==> flow/design.v <==
module mult_top #(
    parameter int BITS = 6
) (
    input logic aclk,
    input logic adv,
    input logic signed [BITS-1:0] rs1,
    input logic signed [BITS-1:0] rs2,
    output logic signed [2*BITS-1:0] m
);
    logic signed [BITS-1:0] rs1_d1;
    logic signed [BITS-1:0] rs2_d1;
    assign m = rs1_d1 * rs2_d1;
    always_ff @(posedge aclk) begin
        if (adv) begin
            rs1_d1 <= rs1;
            rs2_d1 <= rs2;
        end
    end
endmodule
Hand-over note for mult_top

## Reports on mult_top

A sweep over "BITS": the same steps for each member of the family.
The file above is the member BITS 6. Line numbers count from 1 in each member's own file.
Operators: Yosys type, input widths -> output width; for muxes data width and select width s.
Library cell names are shortened.
Not given: --

- Design top: mult_top
- Clock input: aclk
- Cell library: sky130hd
- Timing corner: tt_025C_1v80

## Members of the sweep

New or changed lines of each further member against the RTL above, in its own file; lines it lacks are not shown.

New or changed lines:

| BITS | RTL line | source |
|---|---|---|
| 11 | 2 | `parameter int BITS = 11` |
| 14 | 2 | `parameter int BITS = 14` |

## Elaborated design

Yosys after proc, flatten, opt, wreduce and memory -nomap, before mapping. Enables and synchronous resets that opt folds into registers are not counted as muxes. Memory bits, and registers merged into a memory's read port (data or address), are not among the register bits. Print and check cells are not counted. Equal cells are merged and count once.

Cells by class:

| BITS | multipliers |
|---|---|
| 6 | 1 |
| 11 | 1 |
| 14 | 1 |

Operators with widths:

| BITS | kinds with counts |
|---|---|
| 6 | $mul 6x6->12: 1 |
| 11 | $mul 11x11->22: 1 |
| 14 | $mul 14x14->28: 1 |

Storage and ports:

| BITS | bits in registers | input port bits | output and inout bits | cells after elaboration |
|---|---|---|---|---|
| 6 | 12 | 14 | 12 | 3 |
| 11 | 22 | 24 | 22 | 3 |
| 14 | 28 | 30 | 28 | 3 |

## Depth

Longest topological path by Yosys (ltp), each cell counted once; first at word level (registers and memories cut), then after technology mapping (sequential cells cut; the memories' decode and read muxes count).

Depth:

| BITS | word-level depth | ABC_AREA | depth in mapped cells |
|---|---|---|---|
| 6 | 1 | 0 | 16 |
| 11 | 1 | 0 | 20 |
| 14 | 1 | 0 | 23 |

## After synthesis

Yosys stat after the flow's synthesis: flattened, memories mapped to cells. It holds for the ABC_AREA given above (unset counts as 0); a run with the other value may have another netlist.
The area totals of this step are shown rounded.

Cells by type:

| BITS | type and count |
|---|---|
| 6 | fa_1: 26; edfxtp_1: 12; ha_1: 21; and2_1: 22; inv_1: 33; xnor2_1: 9; nand2_1: 9; nor2b_1: 4; xor2_1: 2; a2111oi_2: 1; a21oi_1: 3; nor2b_4: 1; mux2_2: 1; nor2_1: 3; nand3_1: 2; nand2b_2: 1; o21ai_2: 1; a21o_1: 1; (+7) |
| 11 | fa_1: 117; edfxtp_1: 22; ha_1: 47; inv_1: 156; and2_1: 49; nand2_1: 68; xnor2_1: 14; clkbuf_1: 22; a21oi_1: 15; nor2_1: 16; xor2_1: 6; nand2b_1: 8; and4_1: 3; and3_1: 4; nor3_1: 5; a21o_1: 3; o21ai_0: 4; a2111oi_2: 1; (+35) |
| 14 | fa_1: 195; edfxtp_1: 28; ha_1: 67; inv_1: 209; and2_1: 106; nand2_1: 87; xnor2_1: 24; clkbuf_1: 32; a21oi_1: 17; o21ai_0: 17; nor2_1: 21; nand2b_1: 9; xor2_1: 6; a21o_1: 5; o21bai_1: 4; o311ai_4: 1; nand3_1: 5; nor3_1: 5; (+40) |

The mark (+n) counts cells that are not listed.

Mapped netlist:

| BITS | mapped cells | cell area after synthesis (sq um) | sequential part of the area (sq um) | mapped flip-flops | buffer cells |
|---|---|---|---|---|---|
| 6 | 159 | 1700 | 360 | 12 | 0 |
| 11 | 595 | 5600 | 660 | 22 | 24 |
| 14 | 878 | 8500 | 840 | 28 | 33 |

## Timing after synthesis

OpenSTA on the mapped netlist: ideal clock, no wires. The path of least setup slack (recovery checks aside). Input and output delay are each 20% of the period. Register names are those of the netlist, which keeps one name where synthesis merged equal registers.

Timing after synthesis:

| BITS | kind | start point | end point | clock period (ns) | setup slack (ns) | driving pins on the path | delay of the path (ns) | synthesis period reached (ns) |
|---|---|---|---|---|---|---|---|---|
| 6 | flip-flop to output port | reg rs1_d1[0] | out m[10] | 5.88 | 0.942 | 14 | 3.762 | 4.938 |
| 11 | flip-flop to output port | reg rs1_d1[10] | out m[20] | 7.82 | 1.248 | 17 | 5.008 | 6.572 |
| 14 | flip-flop to output port | reg rs1_d1[8] | out m[24] | 9.22 | 1.472 | 21 | 5.904 | 7.748 |

"delay of the path" is the arrival time less input delay plus setup time.
A path that ends at an output port has no setup time.
"driving pins on the path" counts driving pins, that of a launching flip-flop among them; a cell with two outputs on the path counts twice.
"synthesis period reached" is the clock period less the worst setup slack; recovery checks do not enter. This is arithmetic on one report: input and output delays are still those of the set period (20% each).
Between the ends stands the longest chain of elaborated cells between them, by number of cells; it is not shown to be the way that was timed. Of several equally long chains one is given.
Each line given opens the expression or statement behind the cell; cells for indexed reads and writes are added by Yosys, which also makes memories of some case tables.

Between the ends, after synthesis, BITS 6:
- Length of the longest elaborated chain: 1

Ends and longest elaborated chain, after synthesis, BITS 6:

| what | RTL line | source |
|---|---|---|
| from (decl) | 10 | `logic signed [BITS-1:0] rs1_d1;` |
| from (assign) | 15 | `rs1_d1 <= rs1;` |
| $mul 6x6->12 | 12 | `assign m = rs1_d1 * rs2_d1;` |
| to (decl) | 8 | `output logic signed [2*BITS-1:0] m` |

Between the ends, after synthesis, BITS 14:
- Length of the longest elaborated chain: 1

Ends and longest elaborated chain, after synthesis, BITS 14:

| what | RTL line | source |
|---|---|---|
| from (decl) | 10 | `logic signed [BITS-1:0] rs1_d1;` |
| from (assign) | 15 | `rs1_d1 <= rs1;` |
| $mul 14x14->28 | 12 | `assign m = rs1_d1 * rs2_d1;` |
| to (decl) | 8 | `output logic signed [2*BITS-1:0] m` |

## Path in the finished layout

From the final timing report of the run of each member: the path of least setup slack in the routed layout; clock arrival at registers is part of the times.

Timing post-layout:

| BITS | kind | start point | end point | clock period (ns) | setup slack (ns) | driving pins on the path | arrival time (ns) | path buffers |
|---|---|---|---|---|---|---|---|---|
| 6 | flip-flop to output port | reg rs1_d1[0] | out m[11] | 5.88 | 0.21 | 13 | 4.50 | 1 |
| 11 | flip-flop to output port | reg rs2_d1[6] | out m[20] | 7.82 | 0.34 | 17 | 5.92 | 1 |
| 14 | flip-flop to output port | reg rs2_d1[2] | out m[27] | 9.22 | 0.36 | 23 | 7.02 | 2 |

## Layout results

One run of the flow (Yosys, OpenROAD) for each member, with settings and measured results. Input and output delays are each 20% of the period that was set; the output load is 0.01 pF.

- CAP_MARGIN: 20
- CORE_MARGIN: 2
- CORE_UTILIZATION: 40
- SLEW_MARGIN: 20

Settings that differ:

| BITS | period_ns |
|---|---|
| 6 | 5.88 |
| 11 | 7.82 |
| 14 | 9.22 |

Measured results:

| BITS | area of the synthesized netlist (sq um) | die size (sq um) | standard-cell area after routing (sq um) | utilization of the finished layout (%) | worst slack on setup checks (ns) | total negative slack on setup checks (ns) | final worst hold slack (ns) | clock period reached (ns) |
|---|---|---|---|---|---|---|---|---|
| 6 | 1700 | 4800 | 2100 | 53 | 0.21 | 0.000 | 1.5 | 5.675 |
| 11 | 5600 | 15000 | 6300 | 46 | 0.34 | 0.000 | 1.9 | 7.479 |
| 14 | 8500 | 22000 | 9600 | 46 | 0.36 | 0.000 | 2.1 | 8.860 |

By "clock period reached" is meant the clock period of the run minus its worst setup slack. This is arithmetic on one report: input and output delays are still those of the set period (20% each).
Results are given in rounded form.

End of note.
